==> flow/design.v <==
module my_add_p #(
    parameter DW = 8,
    parameter INPUTS = 3,
    parameter SUM_W = DW + $clog2(INPUTS)
) (
    input logic core_clk,
    input logic rst_n,
    input logic ce,
    input logic [INPUTS*DW-1:0] bus,
    output logic [SUM_W-1:0] sum
);
    logic [SUM_W-1:0] work;
    always_comb begin
        work = '0;
        for (int idx = 0; idx < INPUTS; idx++)
            work = work + bus[idx*DW +: DW];
    end
    logic [SUM_W-1:0] sum_r;
    always_ff @(posedge core_clk or negedge rst_n) begin
        if (!rst_n) begin
            sum_r <= '0;
        end else if (ce) begin
            sum_r <= work;
        end
    end
    assign sum = sum_r;
endmodule
---- Reports on my_add_p ----
Tool output for the design above, in the order of the flow.
Line numbers count from 1 in the design file above.
Operators carry their Yosys type and port widths (W data, S select, Z words).
Library cell names are shortened.
A cell with -- has no value.
set-up
  top ..................................... my_add_p
  clock ................................... core_clk
  cell library ............................ sky130hd
  corner .................................. tt_025C_1v80

---- Elaborated design ----
Yosys after proc, flatten, opt, wreduce and memory -nomap, before mapping. Enables and synchronous resets that opt folds into registers are not counted as muxes. Memory bits, and registers merged into a memory's read port (data or address), are not among the register bits. Print and check cells are not counted. Equal cells are merged and count once.
word-level totals
  word-level cells ........................ 3
  bits in registers ....................... 10
  input port bits ......................... 27
  output and inout bits ................... 10
  clocked read ports x word width ......... 0
  bits in writable memories ............... 0
  memory cells ............................ 0
  ROM bits ................................ 0
  bits in latches ......................... 0
cells by class
  div/mod/pow operators ................... 0
  muxes and demuxes ....................... 0
  reduce/logical cells .................... 0
  multiply operators ...................... 0
  equal/unequal tests ..................... 0
  add/subtract/negate cells ............... 2
  $lt $le $gt $ge ......................... 0
  shift operators ......................... 0
  bitwise gates (word level) .............. 0
operators by type and width
  operator        number
  $add A9 B8 Y10  1
  $add A8 B8 Y9   1

---- Depth ----
Depth = most cells in a row (Yosys ltp): at word level without a register or memory, in the mapped netlist without a sequential cell, where the memories' decode and read muxes count.
depth
  depth in word-level cells ............... 2
  ABC_AREA ................................ 0
  gate-level depth with buffers ........... 9
  gate-level depth less buffers ........... 9

---- Mapped cells and area ----
The flow's flattened synthesis, as Yosys stat reports it; memories are mapped. The netlist is that of the ABC_AREA named above (0 if unset); the other value can give another one.
mapped netlist
  area of sequential cells ................ 250.2 sq um
  mapped flip-flops ....................... 10
  buffer cells ............................ 2
  cell count .............................. 88
  cell area after synthesis ............... 908.4 sq um
cell types
  cell type  number  total area (sq um)
  dfrtp_1    10      250.24
  fa_1       9       180.173
  ha_1       7       87.584
  inv_1      10      37.536
  a21oi_1    5       25.024
  a211oi_1   3       22.522
  buf_6      2       22.522
  mux2_2     2       22.522
  nand2_1    6       22.522
  o31a_1     2       17.517
  nor2_1     4       15.014
  o21ai_0    3       15.014
  o31ai_1    2       15.014
  a211oi_2   1       12.512
  nor2b_1    2       12.512
  a2111o_1   1       11.261
  mux2i_1    1       10.01
  nor3_1     2       10.01
Other cell types: 15; their cells: 16.

---- Timing after synthesis ----
Path of least setup slack by OpenSTA after synthesis, without wires, with an ideal clock, recovery checks aside; 20% of the period is set as input and as output delay. Where synthesis merged equal registers, the netlist keeps one of their names.
timing path post-synthesis
  path type ............................... input to register
  start ................................... in bus[1]
  end ..................................... reg sum_r[9]
  external input delay .................... 0.624 ns
  arrival time ............................ 2.494 ns
  slack ................................... 0.503 ns
  launch time at the first pin ............ 0.624 ns
  data required time ...................... 2.996 ns
  period .................................. 3.12 ns
  stages on the path ...................... 7
  delay of the path ....................... 1.994 ns
  path buffers ............................ 0
  setup time .............................. 0.124 ns
  synthesis period reached ................ 2.617 ns
"delay of the path" is the arrival time less input delay plus setup time.
"stages on the path" counts driving pins, that of a launching flip-flop among them; a cell with two outputs on the path counts twice.
"synthesis period reached" = period - worst setup slack (recovery checks aside). The figure is calculated, with input and output delays left at 20% of the set period.
Between the ends stands the longest chain of elaborated cells between them, by number of cells; it is not shown to be the way that was timed. Of several equally long chains one is given.
A line is the first line of the expression or statement that the cell stems from. Yosys adds cells for indexed reads and writes and turns some case tables into memories.
on the way, post-synthesis
  cell sequence ........................... fa_1 > ha_1 > fa_1 > a21oi_2 > o21ai_1 > o31a_1 > o31a_1
  cells in the longest elaborated chain ... 2
  elaborated cells between the ends (all ways) .. 2
  source lines of those cells ............. 1
  those cells by class .................... add/sub: 2
ends and longest elaborated chain, post-synthesis
  what                line  source
  start: declaration  9     input logic [INPUTS*DW-1:0] bus,
  $add A8 B8 Y9       16    work = work + bus[idx*DW +: DW];
  $add A9 B8 Y10      16
  end: assignment     21    sum_r <= '0;
  end: assignment     23    sum_r <= work;
  end: declaration    18    logic [SUM_W-1:0] sum_r;

---- Worst path after layout ----
From the final timing report of flow run 2: the path of least setup slack in the routed layout; clock arrival at registers is part of the times.
timing path after layout
  path type ............................... input to register
  start ................................... in bus[1]
  end ..................................... reg sum_r[9]
  stages on the path ...................... 8
  setup time .............................. 0.11 ns
  path buffers ............................ 1
  arrival time ............................ 2.99 ns
  data required time ...................... 3.26 ns
  slack ................................... 0.27 ns
  period .................................. 3.12 ns
  launch time at the first pin ............ 0.62 ns
  external input delay .................... 0.62 ns
Between the ends stands the longest chain of elaborated cells between them, by number of cells; it is not shown to be the way that was timed. Of several equally long chains one is given.
on the way, after layout
  cell sequence ........................... clkdlybuf4s50_1 > fa_1 > ha_1 > fa_1 > a21oi_2 > o21ai_1 > o31a_1 > o31a_1
  cells in the longest elaborated chain ... 2
  elaborated cells between the ends (all ways) .. 2
  source lines of those cells ............. 1
  those cells by class .................... add/sub: 2
ends and longest elaborated chain, after layout
  what                line  source
  start: declaration  9     input logic [INPUTS*DW-1:0] bus,
  $add A8 B8 Y9       16    work = work + bus[idx*DW +: DW];
  $add A9 B8 Y10      16
  end: assignment     21    sum_r <= '0;
  end: assignment     23    sum_r <= work;
  end: declaration    18    logic [SUM_W-1:0] sum_r;

Lab notebook: my_add_p

Below are 3 stored runs of the flow (Yosys, OpenROAD; platform sky130hd) on my_add_p, each with its settings and what was measured, unordered. Constraints: input delay and output delay 20% of the set period each, output load 0.01 pF.
By "achieved clock period (ns)" is meant the clock period of the run minus its worst setup slack. This is arithmetic on one report: input and output delays are still those of the set period (20% each).
"worst setup path time (ns)" is the time allowed to the run's worst setup path (the clock period less input and output delay, where it has them) less its slack. Clock arrival times count: a late capture clock shortens it, a late launch clock lengthens it.
"finish__power__total" rests on the timing tool's default activity at the inputs, not on a simulated workload.

Flow files of flow run 1
==> flow/run.sh <==
#!/bin/bash
# the make line also repeats the synthesis and layout settings of config.mk as NAME=value (left out here)
make -C /OpenROAD-flow-scripts/flow DESIGN_CONFIG=/design/flow/config.mk WORK_HOME=/design/flow/orfs CLKGATE_MAP_FILE= finish
==> flow/config.mk <==
export PLATFORM = sky130hd
export DESIGN_NAME = my_add_p
export DESIGN_NICKNAME = my_add_p
export VERILOG_FILES = /design/flow/design.v
export SDC_FILE = /design/flow/constraint.sdc
export NUM_CORES = 4
export LEC_CHECK = 0
export CAP_MARGIN = 20
export CELL_PAD_IN_SITES_DETAIL_PLACEMENT = 2
export CORE_MARGIN = 2
export CORE_UTILIZATION = 42
export CTS_CLUSTER_DIAMETER = 169
export CTS_CLUSTER_SIZE = 86
export MIN_ROUTING_LAYER = met2
export PLACE_DENSITY = 0.68
export SETUP_SLACK_MARGIN = -0.18
export SLEW_MARGIN = 35
==> flow/constraint.sdc <==
create_clock -name core_clock -period 2.48 [get_ports {core_clk}]
set_input_delay 0.4960 -clock core_clock [delete_from_list [all_inputs] [get_ports {core_clk}]]
set_output_delay 0.4960 -clock core_clock [all_outputs]
set_load 0.01 [all_outputs]

report of flow run 1: did not finish, place, DPL-0033

Flow files of flow run 2
==> flow/run.sh <==
#!/bin/bash
# the make line also repeats the synthesis and layout settings of config.mk as NAME=value (left out here)
make -C /OpenROAD-flow-scripts/flow DESIGN_CONFIG=/design/flow/config.mk WORK_HOME=/design/flow/orfs CLKGATE_MAP_FILE= finish
==> flow/config.mk <==
export PLATFORM = sky130hd
export DESIGN_NAME = my_add_p
export DESIGN_NICKNAME = my_add_p
export VERILOG_FILES = /design/flow/design.v
export SDC_FILE = /design/flow/constraint.sdc
export NUM_CORES = 4
export LEC_CHECK = 0
export CAP_MARGIN = 20
export CORE_MARGIN = 2
export CORE_UTILIZATION = 40
export SLEW_MARGIN = 20
==> flow/constraint.sdc <==
create_clock -name core_clock -period 3.12 [get_ports {core_clk}]
set_input_delay 0.6240 -clock core_clock [delete_from_list [all_inputs] [get_ports {core_clk}]]
set_output_delay 0.6240 -clock core_clock [all_outputs]
set_load 0.01 [all_outputs]

report of flow run 2
yosys chip area after synthesis (um^2): 908.4
finish__design__die__area: 2668.2
finish__design__instance__area__stdcell: 1318.8
finish__design__instance__utilization: 0.6078
finish__timing__setup__ws: 0.273
finish__timing__setup__tns: 0.000
finish__timing__hold__ws: 0.496
finish__power__total: 5.921e-04
achieved clock period (ns): 2.847
worst setup path time (ns): 2.22
worst setup path kind: input to register

Flow files of flow run 3
==> flow/run.sh <==
#!/bin/bash
# the make line also repeats the synthesis and layout settings of config.mk as NAME=value (left out here)
make -C /OpenROAD-flow-scripts/flow DESIGN_CONFIG=/design/flow/config.mk WORK_HOME=/design/flow/orfs CLKGATE_MAP_FILE= finish
==> flow/config.mk <==
export PLATFORM = sky130hd
export DESIGN_NAME = my_add_p
export DESIGN_NICKNAME = my_add_p
export VERILOG_FILES = /design/flow/design.v
export SDC_FILE = /design/flow/constraint.sdc
export NUM_CORES = 4
export LEC_CHECK = 0
export CAP_MARGIN = 5
export CORE_MARGIN = 2
export CORE_UTILIZATION = 49
export CTS_CLUSTER_DIAMETER = 73
export GPL_ROUTABILITY_DRIVEN = 0
export HOLD_SLACK_MARGIN = 0.24
export MAX_ROUTING_LAYER = met4
export MIN_ROUTING_LAYER = met1
export PLACE_DENSITY_LB_ADDON = 0.14
export SETUP_SLACK_MARGIN = 0.85
export SLEW_MARGIN = 20
==> flow/constraint.sdc <==
create_clock -name core_clock -period 3.12 [get_ports {core_clk}]
set_input_delay 0.6240 -clock core_clock [delete_from_list [all_inputs] [get_ports {core_clk}]]
set_output_delay 0.6240 -clock core_clock [all_outputs]
set_load 0.01 [all_outputs]

report of flow run 3
yosys chip area after synthesis (um^2): 908.4
finish__design__die__area: 2214.2
finish__design__instance__area__stdcell: 1546.5
finish__design__instance__utilization: 0.8957
finish__timing__setup__ws: 0.662
finish__timing__setup__tns: 0.000
finish__timing__hold__ws: 0.508
finish__power__total: 7.584e-04
achieved clock period (ns): 2.458
worst setup path time (ns): 1.83
worst setup path kind: input to register
